==> flow/design.v <==
module core_times_blk #(
  parameter DATA_W = 28
) (
  input logic core_clk,
  input logic i_rst_n,
  input logic clk_en,
  input logic signed [DATA_W-1:0] a,
  input logic signed [DATA_W-1:0] b,
  output logic signed [2*DATA_W-1:0] out
);
  logic signed [2*DATA_W-1:0] out_ff;
  assign out = out_ff;
  always_ff @(posedge core_clk or negedge i_rst_n) begin
    if (~i_rst_n) begin
      out_ff <= '0;
    end else if (clk_en) begin
      out_ff <= a * b;
    end
  end
endmodule
Reports on core_times_blk --
Tool output for the design above, in the order of the flow. Line numbers count from 1 in the design file above. Operators carry their Yosys type and port widths (W data, S select, Z words). Not given: n/a
Design: top module core_times_blk, clock core_clk, library sky130hd, corner tt_025C_1v80

Elaborated design --
Source: Yosys, flattened and elaborated, memories not mapped. Widths are those after wreduce; folded enables and synchronous resets count as part of the registers. Registers that Yosys merges into a memory's read port (data or address) are not register bits. Print and check cells do not count. Equal cells are merged and count once.
Storage and ports: flip-flop bits (word level) 56, input bits 59, output and inout port bits 56, elaborated cells 2
Cells by class: multipliers 1
Operator list (number):
- $mul A28 B28 Y56 | 1

Depth --
Longest topological path by Yosys (ltp), each cell counted once; first at word level (registers and memories cut), then after technology mapping (sequential cells cut; the memories' decode and read muxes count).
Depth: depth in word-level cells 1, ABC_AREA 1, depth in mapped cells 31, depth with buffers taken out 29

Netlist --
Yosys stat after the flow's synthesis: flattened, memories mapped to cells. It holds for the ABC_AREA given above (unset counts as 0); a run with the other value may have another netlist.
Mapped netlist: standard cells after synthesis 4264, cell area after synthesis 32874.0 um^2, area of sequential cells 1401.3 um^2, flip-flops 56, buffers 179
Cell types:
- sky130_fd_sc_hd__fa_1 | number 823, area in all 1.65E+04 um^2
- sky130_fd_sc_hd__inv_1 | number 1377, area in all 5.17E+03 um^2
- sky130_fd_sc_hd__nand2_1 | number 1213, area in all 4.55E+03 um^2
- sky130_fd_sc_hd__ha_1 | number 185, area in all 2314.72 um^2
- sky130_fd_sc_hd__dfrtp_1 | number 56, area in all 1.4E+03 um^2
- sky130_fd_sc_hd__clkbuf_1 | number 107, area in all 401.635 um^2
- sky130_fd_sc_hd__nand3_1 | number 78, area in all 390.374 um^2
- sky130_fd_sc_hd__nor2_1 | number 104, area in all 390.374 um^2
- sky130_fd_sc_hd__a21oi_1 | number 54, area in all 270.259 um^2
- sky130_fd_sc_hd__buf_1 | number 69, area in all 258.998 um^2
- sky130_fd_sc_hd__o21ai_0 | number 35, area in all 175.168 um^2
- sky130_fd_sc_hd__nand4_1 | number 20, area in all 125.12 um^2
- sky130_fd_sc_hd__nor2_2 | number 19, area in all 118.864 um^2
- sky130_fd_sc_hd__nand2_2 | number 16, area in all 100.096 um^2
- sky130_fd_sc_hd__o21bai_1 | number 12, area in all 90.086 um^2
- sky130_fd_sc_hd__xnor2_1 | number 10, area in all 87.584 um^2
- sky130_fd_sc_hd__or2_1 | number 10, area in all 62.56 um^2
- sky130_fd_sc_hd__or2_2 | number 10, area in all 62.56 um^2
Other cell types: 17; their cells: 66.

Timing after synthesis --
Source: OpenSTA report_checks on the synthesized netlist (no wires, ideal clock, input and output delay 20% of the period each), path of least setup slack; recovery checks are left aside. Register names are those of the netlist, which keeps one name where synthesis merged equal registers.
Timing post-synthesis: kind input-to-reg, start in a[27], end reg out_ff[54], period 11.5 ns, input delay 2.300 ns, setup time 0.118 ns, launch time at the first pin 2.300 ns, arrival time 8.983 ns, required time 11.382 ns, slack 2.399 ns, delay of the path 6.801 ns, stages 30, buffers on the path 2, synthesis period reached 9.101 ns
"delay of the path" is the arrival time less input delay plus setup time. "stages": output pins that drive a net of the path, with the launching flip-flop's if there is one; two outputs of one cell count as two. "synthesis period reached" = period - worst setup slack (recovery checks aside). The figure is calculated, with input and output delays left at 20% of the set period. Between the ends stands the longest chain of elaborated cells between them, by number of cells; it is not shown to be the way that was timed. Of several equally long chains one is given. A line is the first line of the expression or statement that the cell stems from. Yosys adds cells for indexed reads and writes and turns some case tables into memories.
On the way, post-synthesis: cell sequence sky130_fd_sc_hd__clkbuf_1 sky130_fd_sc_hd__clkbuf_1 sky130_fd_sc_hd__nand2_1 sky130_fd_sc_hd__inv_1 sky130_fd_sc_hd__fa_1 sky130_fd_sc_hd__inv_1 sky130_fd_sc_hd__fa_1 sky130_fd_sc_hd__inv_1 sky130_fd_sc_hd__fa_1 sky130_fd_sc_hd__fa_1 sky130_fd_sc_hd__inv_1 sky130_fd_sc_hd__fa_1 sky130_fd_sc_hd__inv_1 sky130_fd_sc_hd__fa_1 sky130_fd_sc_hd__inv_1 sky130_fd_sc_hd__fa_1 sky130_fd_sc_hd__inv_1 sky130_fd_sc_hd__ha_1 sky130_fd_sc_hd__ha_1 sky130_fd_sc_hd__nand2_2 sky130_fd_sc_hd__nor2_1 sky130_fd_sc_hd__inv_1 sky130_fd_sc_hd__nor2_1 sky130_fd_sc_hd__and2_1 sky130_fd_sc_hd__and2_1 sky130_fd_sc_hd__nand2_1 sky130_fd_sc_hd__nand3_1 sky130_fd_sc_hd__nand2_1 sky130_fd_sc_hd__nand3_1 sky130_fd_sc_hd__nand2_1, cells in the longest elaborated chain 1, elaborated cells between the ends (all ways) 1, RTL lines with such cells 1, those cells by class 1 x mul
Ends and longest elaborated chain, post-synthesis:
- start: declaration | RTL line 7 | input logic signed [DATA_W-1:0] a,
- $mul A28 B28 Y56 | RTL line 17 | out_ff <= a * b;
- end: assignment | RTL line 15 | out_ff <= '0;
- end: assignment | RTL line 17
- end: declaration | RTL line 11 | logic signed [2*DATA_W-1:0] out_ff;

Timing after layout --
From the final timing report of run A: the path of least setup slack in the routed layout; clock arrival at registers is part of the times.
Timing post-layout: kind input-to-reg, start in b[1], end reg out_ff[48], period 14.4 ns, input delay 2.88 ns, setup time 0.11 ns, launch time at the first pin 2.88 ns, arrival time 10.98 ns, required time 14.59 ns, slack 3.62 ns, stages 30, buffers on the path 2
Between the ends stands the longest chain of elaborated cells between them, by number of cells; it is not shown to be the way that was timed. Of several equally long chains one is given.
On the way, post-layout: cell sequence sky130_fd_sc_hd__clkdlybuf4s50_1 sky130_fd_sc_hd__buf_4 sky130_fd_sc_hd__nand2_1 sky130_fd_sc_hd__inv_1 sky130_fd_sc_hd__fa_1 sky130_fd_sc_hd__inv_1 sky130_fd_sc_hd__fa_1 sky130_fd_sc_hd__inv_1 sky130_fd_sc_hd__fa_1 sky130_fd_sc_hd__fa_1 sky130_fd_sc_hd__inv_1 sky130_fd_sc_hd__fa_1 sky130_fd_sc_hd__inv_1 sky130_fd_sc_hd__fa_1 sky130_fd_sc_hd__inv_1 sky130_fd_sc_hd__fa_1 sky130_fd_sc_hd__inv_1 sky130_fd_sc_hd__ha_1 sky130_fd_sc_hd__ha_1 sky130_fd_sc_hd__nand2_2 sky130_fd_sc_hd__inv_1 sky130_fd_sc_hd__nand2_1 sky130_fd_sc_hd__nor3_1 sky130_fd_sc_hd__nand2_1 sky130_fd_sc_hd__nor2_1 sky130_fd_sc_hd__nand2_1 sky130_fd_sc_hd__nand3_1 sky130_fd_sc_hd__nand2_1 sky130_fd_sc_hd__nand3_1 sky130_fd_sc_hd__nand2_1, cells in the longest elaborated chain 1, elaborated cells between the ends (all ways) 1, RTL lines with such cells 1, those cells by class 1 x mul
Ends and longest elaborated chain, post-layout:
- start: declaration | RTL line 8 | input logic signed [DATA_W-1:0] b,
- $mul A28 B28 Y56 | RTL line 17 | out_ff <= a * b;
- end: assignment | RTL line 15 | out_ff <= '0;
- end: assignment | RTL line 17
- end: declaration | RTL line 11 | logic signed [2*DATA_W-1:0] out_ff;

Ticket comment

Measured data: module core_times_blk, platform sky130hd, 3 stored runs of the flow under differing settings, order arbitrary. Input and output delays are each 20% of the period that was set; the output load is 0.01 pF.
"reached clock period": clock period set for the run, less the worst setup slack. It is reckoned from that one timing run; input and output delays stay at 20% of the period that was set.
"worst path time" is the time allowed to the run's worst setup path (the clock period less input and output delay, where it has them) less its slack. Clock arrival times count: a late capture clock shortens it, a late launch clock lengthens it.

* Run A | settings: period_ns 14.4; CORE_UTILIZATION 18; SETUP_SLACK_MARGIN 0.76; PLACE_DENSITY 0.86; CORE_ASPECT_RATIO 0.91; CORE_MARGIN 7; CELL_PAD_IN_SITES_GLOBAL_PLACEMENT 0; TNS_END_PERCENT 10; ABC_AREA 1; CTS_CLUSTER_SIZE 42; SLEW_MARGIN 15; MIN_ROUTING_LAYER met1; CAP_MARGIN 20 | results: reached clock period 10.783 ns; lowest hold slack 0.474 ns; die outline area 194,807.0 um^2; worst path time 7.90 ns; critical path type input-to-reg; utilization after layout 0.204; standard-cell area after layout 36,959.2 um^2; total negative slack on setup checks 0.000 ns; worst slack on setup checks 3.617 ns; post-synthesis cell area 32,874.0 um^2
* Run B | settings: period_ns 10.6; CORE_UTILIZATION 16; SETUP_SLACK_MARGIN 0.31; HOLD_SLACK_MARGIN -0.08; CELL_PAD_IN_SITES_DETAIL_PLACEMENT 2; GPL_TIMING_DRIVEN 1; CTS_CLUSTER_SIZE 14; CTS_CLUSTER_DIAMETER 160; MIN_ROUTING_LAYER met1; CAP_MARGIN 20; CORE_MARGIN 2; SLEW_MARGIN 20 | results: reached clock period 10.220 ns; lowest hold slack 0.515 ns; die outline area 198,105.0 um^2; worst path time 8.10 ns; critical path type input-to-reg; utilization after layout 0.185; standard-cell area after layout 35,730.5 um^2; total negative slack on setup checks 0.000 ns; worst slack on setup checks 0.380 ns; post-synthesis cell area 31,129.9 um^2
* Run C | settings: period_ns 11.5; CAP_MARGIN 20; CORE_MARGIN 2; CORE_UTILIZATION 40; SLEW_MARGIN 20 | results: reached clock period 10.219 ns; lowest hold slack 0.497 ns; die outline area 80,072.0 um^2; worst path time 7.92 ns; critical path type input-to-reg; utilization after layout 0.433; standard-cell area after layout 33,469.6 um^2; total negative slack on setup checks 0.000 ns; worst slack on setup checks 1.281 ns; post-synthesis cell area 31,129.9 um^2
